==> flow/design.v <==
module sh_core_v2 #(
   parameter DWIDTH = 40,
   parameter SEL_WIDTH = $clog2(DWIDTH)
) (
   input  clock,
   input  reset,
   input  [DWIDTH-1:0] in_src,
   input  [SEL_WIDTH-1:0] in_n,
   output [DWIDTH-1:0] out_dout
);
   reg [DWIDTH-1:0] src_d1;
   reg [SEL_WIDTH-1:0] n_d1;
   reg [DWIDTH-1:0] nxt_d1;
   reg [1:0] n_d1_lo;
   reg [DWIDTH-1:0] dout_d1;
   assign out_dout = dout_d1;
   always @(posedge clock) begin
      if (reset) begin
         src_d1 <= 0;
         n_d1 <= 0;
         nxt_d1 <= 0;
         n_d1_lo <= 0;
         dout_d1 <= 0;
      end else begin
         src_d1 <= in_src;
         n_d1 <= in_n;
         nxt_d1 <= src_d1 << {n_d1[SEL_WIDTH-1:2], 2'b00};
         n_d1_lo <= n_d1[1:0];
         dout_d1 <= nxt_d1 << n_d1_lo;
      end
   end
endmodule
-- Tool chain data of sh_core_v2
Tool output for the design above, in the order of the flow.
Lines are those of the file above, counted from 1.
Not given: n/a
- top module: sh_core_v2
- clock input: clock
- standard-cell library: sky130hd
- timing corner: tt_025C_1v80

-- Elaborated design
Counts by Yosys on the flattened word-level netlist (proc, flatten, opt, wreduce; memories kept). Register bits leave out memories and registers merged into their read ports (data or address); mux counts leave out enables and synchronous resets folded into registers. Print and check cells are left out. Cells with the same type and inputs are merged into one.
- shift-type cells: 2
- equality and inequality tests: 0
- magnitude comparators: 0
- bitwise operators at 0
- noted div/mod/pow operators: 0
- reductions and logical operators: 0
- noted multipliers: 0
- multiplexer cells: 0
- add/subtract/negate cells at 0
- operators by type and width (kind ; number):
    << shifter 40 x 2 -> 40 bit ; 1
    << shifter 40 x 6 -> 40 bit ; 1
- noted bits of input ports: 48
- memory bits (writable): 0
- clocked read ports x word width: 0
- word-level cells: 7
- bits in read-only memories: 0
- output and inout bits: 40
- latch bits: 0
- memories: 0
- bits in registers at 128

-- Logic depth
Longest topological path by Yosys (ltp), each cell counted once; first at word level (registers and memories cut), then after technology mapping (sequential cells cut; the memories' decode and read muxes count).
- noted word-level depth: 1
- noted ABC_AREA: 0
- gate-level depth with buffers: 6
- noted mapped depth without buffers: 3

-- After synthesis
Yosys stat after the flow's synthesis: flattened, memories mapped to cells. It holds for the ABC_AREA given above (unset counts as 0); a run with the other value may have another netlist.
The area totals of this step are shown rounded.
- noted chip area (Yosys): 5500 sq um
- noted flip-flops: 128
- noted area of sequential cells: 2600 sq um
- buffers at 36
- mapped cells: 439
- cell types (type ; number ; total area (sq um)):
    sky130_fd_sc_hd__dfxtp_1 ; 128 ; 2.56E+03
    sky130_fd_sc_hd__mux4_2 ; 57 ; 1.28E+03
    sky130_fd_sc_hd__nor2b_1 ; 87 ; 544.272
    sky130_fd_sc_hd__mux2i_1 ; 25 ; 250.24
    sky130_fd_sc_hd__nor2_1 ; 25 ; 93.84
    sky130_fd_sc_hd__buf_6 ; 7 ; 78.826
    sky130_fd_sc_hd__mux4_1 ; 3 ; 78.826
    sky130_fd_sc_hd__clkbuf_1 ; 20 ; 75.072
    sky130_fd_sc_hd__a22oi_1 ; 7 ; 52.55
    sky130_fd_sc_hd__nand2_1 ; 12 ; 45.043
    sky130_fd_sc_hd__nor4bb_1 ; 4 ; 40.038
    sky130_fd_sc_hd__o21ai_1 ; 8 ; 40.038
    sky130_fd_sc_hd__o21ba_1 ; 4 ; 40.038
    sky130_fd_sc_hd__a2bb2oi_1 ; 4 ; 35.034
    sky130_fd_sc_hd__buf_2 ; 7 ; 35.034
    sky130_fd_sc_hd__nor3_1 ; 7 ; 35.034
    sky130_fd_sc_hd__nand2b_1 ; 5 ; 31.28
    sky130_fd_sc_hd__a211oi_1 ; 4 ; 30.029
Other cell types: 11; their cells: 25.

-- Worst setup path after synthesis
Source: OpenSTA report_checks on the synthesized netlist (no wires, ideal clock, input and output delay 20% of the period each), path of least setup slack; recovery checks are left aside. Register names are those of the netlist, which keeps one name where synthesis merged equal registers.
- path type: register -> register
- start point: register n_d1[2]
- end point: register nxt_d1[35]
- noted period: 1930 ps
- required time at 1805 ps
- data arrival time: 1415 ps
- noted time at the first pin: 0 ps
- noted buffers on the path: 2
- path slack: 390 ps
- library setup time at 125 ps
- noted path delay: 1540 ps
- driving pins on the path: 6
- synthesis period reached at 1540 ps
"path delay" = arrival - input delay + setup time.
"driving pins on the path": output pins that drive a net of the path, with the launching flip-flop's if there is one; two outputs of one cell count as two.
"synthesis period reached" is the clock period less the worst setup slack; recovery checks do not enter. This is arithmetic on one report: input and output delays are still those of the set period (20% each).
Between the ends stands the longest chain of elaborated cells between them, by number of cells; it is not shown to be the way that was timed. Of several equally long chains one is given.
Each line given opens the expression or statement behind the cell; cells for indexed reads and writes are added by Yosys, which also makes memories of some case tables.
- cells stage by stage: sky130_fd_sc_hd__dfxtp_1 -> sky130_fd_sc_hd__buf_6 -> sky130_fd_sc_hd__buf_6 -> sky130_fd_sc_hd__mux4_2 -> sky130_fd_sc_hd__a22oi_2 -> sky130_fd_sc_hd__o21ai_1
- cells in the longest elaborated chain: 1
- noted elaborated cells between the ends (all ways): 1
- noted RTL lines with such cells: 1
- classes of those cells: shift: 1
- ends and longest elaborated chain, post-synthesis (element ; line ; source):
    start, declared ; 12 ; reg [SEL_WIDTH-1:0] n_d1;
    start, assigned ; 20 ; n_d1 <= 0;
    start, assigned ; 26 ; n_d1 <= in_n;
    << shifter 40 x 6 -> 40 bit ; 27 ; nxt_d1 <= src_d1 << {n_d1[SEL_WIDTH-1:2], 2'b00};
    end, assigned ; 21 ; nxt_d1 <= 0;
    end, assigned ; 27 ;
    end, declared ; 13 ; reg [DWIDTH-1:0] nxt_d1;

-- Path in the finished layout
Path of least setup slack in the final report of flow run A (OpenROAD, finished layout, wires in). Where an end is a register, its clock arrival counts in the times.
The path's times are printed in steps of 10 ps; the period is the one set.
- path type: register -> register
- start point: register n_d1[2]
- end point: register nxt_d1[21]
- driving pins on the path: 5
- noted period: 1930 ps
- noted time at the first pin: 420 ps
- data arrival time: 1990 ps
- path slack: 250 ps
- library setup time at 110 ps
- required time at 2240 ps
- noted buffers on the path: 1
Between the ends stands the longest chain of elaborated cells between them, by number of cells; it is not shown to be the way that was timed. Of several equally long chains one is given.
- cells stage by stage: sky130_fd_sc_hd__dfxtp_1 -> sky130_fd_sc_hd__buf_12 -> sky130_fd_sc_hd__mux4_1 -> sky130_fd_sc_hd__and2_1 -> sky130_fd_sc_hd__o21ba_1
- cells in the longest elaborated chain: 1
- noted elaborated cells between the ends (all ways): 1
- noted RTL lines with such cells: 1
- classes of those cells: shift: 1
- ends and longest elaborated chain, after layout (element ; line ; source):
    start, declared ; 12 ; reg [SEL_WIDTH-1:0] n_d1;
    start, assigned ; 20 ; n_d1 <= 0;
    start, assigned ; 26 ; n_d1 <= in_n;
    << shifter 40 x 6 -> 40 bit ; 27 ; nxt_d1 <= src_d1 << {n_d1[SEL_WIDTH-1:2], 2'b00};
    end, assigned ; 21 ; nxt_d1 <= 0;
    end, assigned ; 27 ;
    end, declared ; 13 ; reg [DWIDTH-1:0] nxt_d1;

Data sheet: physical implementation of sh_core_v2

Measured data: module sh_core_v2, platform sky130hd, 3 stored runs of the flow under differing settings, order arbitrary. Input and output delays are each 20% of the period that was set; the output load is 0.01 pF.
"period reached": clock period set for the run, less the worst setup slack. It is reckoned from that one timing run; input and output delays stay at 20% of the period that was set.
"time used up by the worst setup path" is the time allowed to the run's worst setup path (the clock period less input and output delay, where it has them) less its slack. Clock arrival times count: a late capture clock shortens it, a late launch clock lengthens it.
"power consumption": no workload was simulated; the value follows from the tool's default switching activity.
"time used up by the worst setup path" is given in steps of 10 ps.
Values from the reports are rounded here.

Flow run A

==> flow/run.sh <==
#!/bin/bash
# the make line also repeats the synthesis and layout settings of config.mk as NAME=value (left out here)
make -C /OpenROAD-flow-scripts/flow DESIGN_CONFIG=/design/flow/config.mk WORK_HOME=/design/flow/orfs CLKGATE_MAP_FILE= finish
==> flow/config.mk <==
export PLATFORM = sky130hd
export DESIGN_NAME = sh_core_v2
export DESIGN_NICKNAME = sh_core_v2
export VERILOG_FILES = /design/flow/design.v
export SDC_FILE = /design/flow/constraint.sdc
export NUM_CORES = 4
export LEC_CHECK = 0
export CAP_MARGIN = 20
export CORE_MARGIN = 2
export CORE_UTILIZATION = 40
export SLEW_MARGIN = 20
==> flow/constraint.sdc <==
create_clock -name core_clock -period 1.93 [get_ports {clock}]
set_input_delay 0.3860 -clock core_clock [delete_from_list [all_inputs] [get_ports {clock}]]
set_output_delay 0.3860 -clock core_clock [all_outputs]
set_load 0.01 [all_outputs]

Measured in flow run A:
- noted the standard-cell area after layout: 7100 sq um
- noted the setup total negative slack: 0 ps
- time used up by the worst setup path: 1680 ps
- class of the worst setup path: register -> register
- die size: 15000 sq um
- worst hold slack in the final report at 430 ps
- setup slack of the worst path: 250 ps
- power consumption at 0.0068 W
- area of the synthesized netlist at 5500 sq um
- period reached at 1678 ps

Flow run B

==> flow/run.sh <==
#!/bin/bash
# the make line also repeats the synthesis and layout settings of config.mk as NAME=value (left out here)
make -C /OpenROAD-flow-scripts/flow DESIGN_CONFIG=/design/flow/config.mk WORK_HOME=/design/flow/orfs CLKGATE_MAP_FILE= finish
==> flow/config.mk <==
export PLATFORM = sky130hd
export DESIGN_NAME = sh_core_v2
export DESIGN_NICKNAME = sh_core_v2
export VERILOG_FILES = /design/flow/design.v
export SDC_FILE = /design/flow/constraint.sdc
export NUM_CORES = 4
export LEC_CHECK = 0
export CAP_MARGIN = 15
export CELL_PAD_IN_SITES_DETAIL_PLACEMENT = 1
export CORE_ASPECT_RATIO = 0.66
export CORE_MARGIN = 9
export CORE_UTILIZATION = 35
export CTS_CLUSTER_DIAMETER = 328
export PLACE_DENSITY_LB_ADDON = 0.17
export SETUP_SLACK_MARGIN = -0.01
export SLEW_MARGIN = 20
==> flow/constraint.sdc <==
create_clock -name core_clock -period 1.21 [get_ports {clock}]
set_input_delay 0.2420 -clock core_clock [delete_from_list [all_inputs] [get_ports {clock}]]
set_output_delay 0.2420 -clock core_clock [all_outputs]
set_load 0.01 [all_outputs]

Measured in flow run B:
- noted the standard-cell area after layout: 8300 sq um
- noted the setup total negative slack: -16000 ps
- time used up by the worst setup path: 1560 ps
- class of the worst setup path: register -> register
- die size: 21000 sq um
- worst hold slack in the final report at 380 ps
- setup slack of the worst path: -350 ps
- power consumption at 0.012 W
- area of the synthesized netlist at 5500 sq um
- period reached at 1562 ps

Flow run C

==> flow/run.sh <==
#!/bin/bash
# the make line also repeats the synthesis and layout settings of config.mk as NAME=value (left out here)
make -C /OpenROAD-flow-scripts/flow DESIGN_CONFIG=/design/flow/config.mk WORK_HOME=/design/flow/orfs CLKGATE_MAP_FILE= finish
==> flow/config.mk <==
export PLATFORM = sky130hd
export DESIGN_NAME = sh_core_v2
export DESIGN_NICKNAME = sh_core_v2
export VERILOG_FILES = /design/flow/design.v
export SDC_FILE = /design/flow/constraint.sdc
export NUM_CORES = 4
export LEC_CHECK = 0
export ABC_AREA = 0
export CAP_MARGIN = 5
export CELL_PAD_IN_SITES_DETAIL_PLACEMENT = 0
export CELL_PAD_IN_SITES_GLOBAL_PLACEMENT = 1
export CORE_MARGIN = 6
export CORE_UTILIZATION = 29
export CTS_CLUSTER_DIAMETER = 150
export PLACE_DENSITY_LB_ADDON = 0.13
export SETUP_SLACK_MARGIN = 0.14
export SLEW_MARGIN = 20
==> flow/constraint.sdc <==
create_clock -name core_clock -period 1.26 [get_ports {clock}]
set_input_delay 0.2520 -clock core_clock [delete_from_list [all_inputs] [get_ports {clock}]]
set_output_delay 0.2520 -clock core_clock [all_outputs]
set_load 0.01 [all_outputs]

Measured in flow run C:
- noted the standard-cell area after layout: 8400 sq um
- noted the setup total negative slack: -11000 ps
- time used up by the worst setup path: 1520 ps
- class of the worst setup path: register -> register
- die size: 22000 sq um
- worst hold slack in the final report at 330 ps
- setup slack of the worst path: -260 ps
- power consumption at 0.011 W
- area of the synthesized netlist at 5500 sq um
- period reached at 1515 ps
